==> flow/design.v <==
module ex_aligner (clk_i, clr, src, sh, dout);
    parameter DWIDTH = 128;
    localparam SBITS = $clog2(DWIDTH);
    input clk_i;
    input clr;
    input [DWIDTH-1:0] src;
    input [SBITS-1:0] sh;
    output [DWIDTH-1:0] dout;
    reg [DWIDTH-1:0] r_src;
    reg [SBITS-1:0] r_sh;
    always @(posedge clk_i or posedge clr) begin
        if (clr) begin
            r_src <= 0;
            r_sh <= 0;
        end else begin
            r_src <= src;
            r_sh <= sh;
        end
    end
    assign dout = r_src << r_sh;
endmodule
# Tool chain data of ex_aligner
# The steps from the RTL of ex_aligner to its reports follow in flow order.
# Lines are those of the file above, counted from 1.
# Cell names lack the library's common part.
# A cell with -- has no value.
[design]
design = "ex_aligner"
clock_port = "clk_i"
lib = "sky130hd"
lib_corner = "tt_025C_1v80"

# Word level
# Source: Yosys, flattened and elaborated, memories not mapped. Widths are those after wreduce; folded enables and synchronous resets count as part of the registers. Registers that Yosys merges into a memory's read port (data or address) are not register bits. Print and check cells do not count. Equal cells are merged and count once.
[word_totals]
regBits = 135
latch_bits = 0
ramBits = 0
romBits = 0
clocked_rd_ports_x_width = 0
memories = 0
word_cells = 3
[op_classes]
addsub = 0
n_mul = 0
n_div = 0
cmp = 0
eq_ne = 0
shifts = 1
mux = 0
n_logic = 0
reduce_and_logical = 0
[op_table]
columns = ["cell", "count"]
rows = [
  ["left shift 128 x 7 -> 128 bit", 1],
]

# Depth
# Yosys ltp: most cells in a row. Word level: on the elaborated netlist, between registers, memories and ports. Mapped: between sequential cells and ports; inverters and the memories' decode and read muxes count.
[logic_depth]
word_depth = 1
ABC_AREA = 0
depth_mapped = 12
mapped_depth_nobuf = 6

# Netlist
# Source: synth_stat.txt of the flow (Yosys; design flattened, memories mapped). It holds for the ABC_AREA given above (unset counts as 0); a run with the other value may have another netlist.
[synth_totals]
mapped_cells = 1393
mapped_area_um2 = 13914.6
sequential_area_um2 = 3378.2
flip_flops = 135
buffers = 132
[by_type]
columns = ["type", "count", "area_total_um2"]
rows = [
  ["dfrtp_1", 135, 3378.24],
  ["mux4_2", 134, 3.02E+03],
  ["mux2i_1", 146, 1.46E+03],
  ["mux2_2", 92, 1.04E+03],
  ["nor2_1", 197, 739.459],
  ["nand2_1", 104, 390.374],
  ["o21ai_0", 56, 280.269],
  ["o22ai_1", 41, 256.496],
  ["clkbuf_1", 67, 251.491],
  ["o22a_1", 23, 201.443],
  ["a21oi_1", 38, 190.182],
  ["o211ai_1", 22, 165.158],
  ["buf_2", 31, 155.149],
  ["a211oi_1", 19, 142.637],
  ["nand3_1", 28, 140.134],
  ["mux4_1", 5, 131.376],
  ["nor3_1", 25, 125.12],
  ["buf_6", 11, 123.869],
]
# Not listed: further types 54, cells in them 219.

# Worst setup path after synthesis
# Source: OpenSTA report_checks on the synthesized netlist (no wires, ideal clock, input and output delay 20% of the period each), path of least setup slack; recovery checks are left aside. Register names are those of the netlist, which keeps one name where synthesis merged equal registers.
[synth_timing]
path_kind = "reg2out"
start = "register r_sh[1]"
end = "output port dout[126]"
period_ps = 3990
t_first_pin_ps = 0
t_arrival_ps = 2551
t_required_ps = 3192
setup_slack_ps = 641
path_delay_ps = 2551
path_stages = 10
path_buffers = 3
period_less_setup_slack_ps = 3349
# "path_delay_ps" = arrival - input delay + setup time.
# At an output port there is no setup time.
# "path_stages": output pins that drive a net of the path, with the launching flip-flop's if there is one; two outputs of one cell count as two.
# "period_less_setup_slack_ps" is the clock period less the worst setup slack; recovery checks do not enter. This is arithmetic on one report: input and output delays are still those of the set period (20% each).
# Between the ends stands the longest chain of elaborated cells between them, by number of cells; it is not shown to be the way that was timed. Of several equally long chains one is given.
# A line is the first line of the expression or statement that the cell stems from. Yosys adds cells for indexed reads and writes and turns some case tables into memories.
[synth_between]
cell_sequence = "dfrtp_1 > buf_2 > inv_1 > buf_2 > buf_1 > mux4_2 > mux2i_1 > o2bb2ai_1 > a221o_1 > a211oi_1"
elab_chain_len = 1
[synth_lines]
columns = ["item", "line_no", "rtl"]
rows = [
  ["from (decl)", 10, "reg [SBITS-1:0] r_sh;"],
  ["from (assign)", 14, "r_sh <= 0;"],
  ["from (assign)", 17, "r_sh <= sh;"],
  ["left shift 128 x 7 -> 128 bit", 20, "assign dout = r_src << r_sh;"],
  ["to (decl)", 8, "output [DWIDTH-1:0] dout;"],
]

# Timing after layout
# From the final timing report of job 2: the path of least setup slack in the routed layout; clock arrival at registers is part of the times.
# The path's times are printed in steps of 10 ps; the period is the one set.
[layout_timing]
path_kind = "reg2out"
start = "register r_sh[0]"
end = "output port dout[112]"
period_ps = 3990
t_first_pin_ps = 420
t_arrival_ps = 3390
t_required_ps = 3190
setup_slack_ps = -190
path_stages = 10
path_buffers = 3
# Between the ends stands the longest chain of elaborated cells between them, by number of cells; it is not shown to be the way that was timed. Of several equally long chains one is given.
[layout_between]
cell_sequence = "dfrtp_4 > buf_12 > buf_12 > mux4_2 > mux2_4 > mux2i_4 > mux2i_4 > a221o_1 > or4_4 > buf_6"
elab_chain_len = 1
[layout_lines]
columns = ["item", "line_no", "rtl"]
rows = [
  ["from (decl)", 10, "reg [SBITS-1:0] r_sh;"],
  ["from (assign)", 14, "r_sh <= 0;"],
  ["from (assign)", 17, "r_sh <= sh;"],
  ["left shift 128 x 7 -> 128 bit", 20, "assign dout = r_src << r_sh;"],
  ["to (decl)", 8, "output [DWIDTH-1:0] dout;"],
]

# Below are 3 stored runs of the flow (Yosys, OpenROAD; platform sky130hd) on ex_aligner, each with its settings and what was measured, unordered. Constraints: input delay and output delay 20% of the set period each, output load 0.01 pF.
# "achieved_clock_period_ps" means the clock period less the worst setup slack. The figure is calculated, with input and output delays left at 20% of the set period.

[[run]]
name = "job 1"
[run.settings]
period_ns = 2.11
CORE_UTILIZATION = 70
SETUP_SLACK_MARGIN = -0.03
CORE_ASPECT_RATIO = 1.18
CORE_MARGIN = 8
CELL_PAD_IN_SITES_GLOBAL_PLACEMENT = 1
TNS_END_PERCENT = 15
ABC_AREA = 1
GPL_ROUTABILITY_DRIVEN = 1
CTS_CLUSTER_SIZE = 35
SLEW_MARGIN = 20
CAP_MARGIN = 20
[run.results]
outcome = "incomplete, placement halted on GPL-0301"

[[run]]
name = "job 2"
[run.settings]
period_ns = 3.99
CAP_MARGIN = 20
CORE_MARGIN = 2
CORE_UTILIZATION = 40
SLEW_MARGIN = 20
[run.results]
layout_utilization_pct = 65.1
total_negative_slack_ps = -1914
total_die_area_um2 = 36294.1
final_setup_ws_ps = -193
yosys_chip_area_um2 = 13914.6
achieved_clock_period_ps = 4183
final_cell_area_um2 = 22362.7

[[run]]
name = "job 3"
[run.settings]
period_ns = 2.13
CORE_UTILIZATION = 56
PLACE_DENSITY_LB_ADDON = 0.24
MIN_ROUTING_LAYER = "met1"
CAP_MARGIN = 20
CORE_MARGIN = 2
SLEW_MARGIN = 20
[run.results]
outcome = "incomplete, clock tree synthesis halted on DPL-0033"
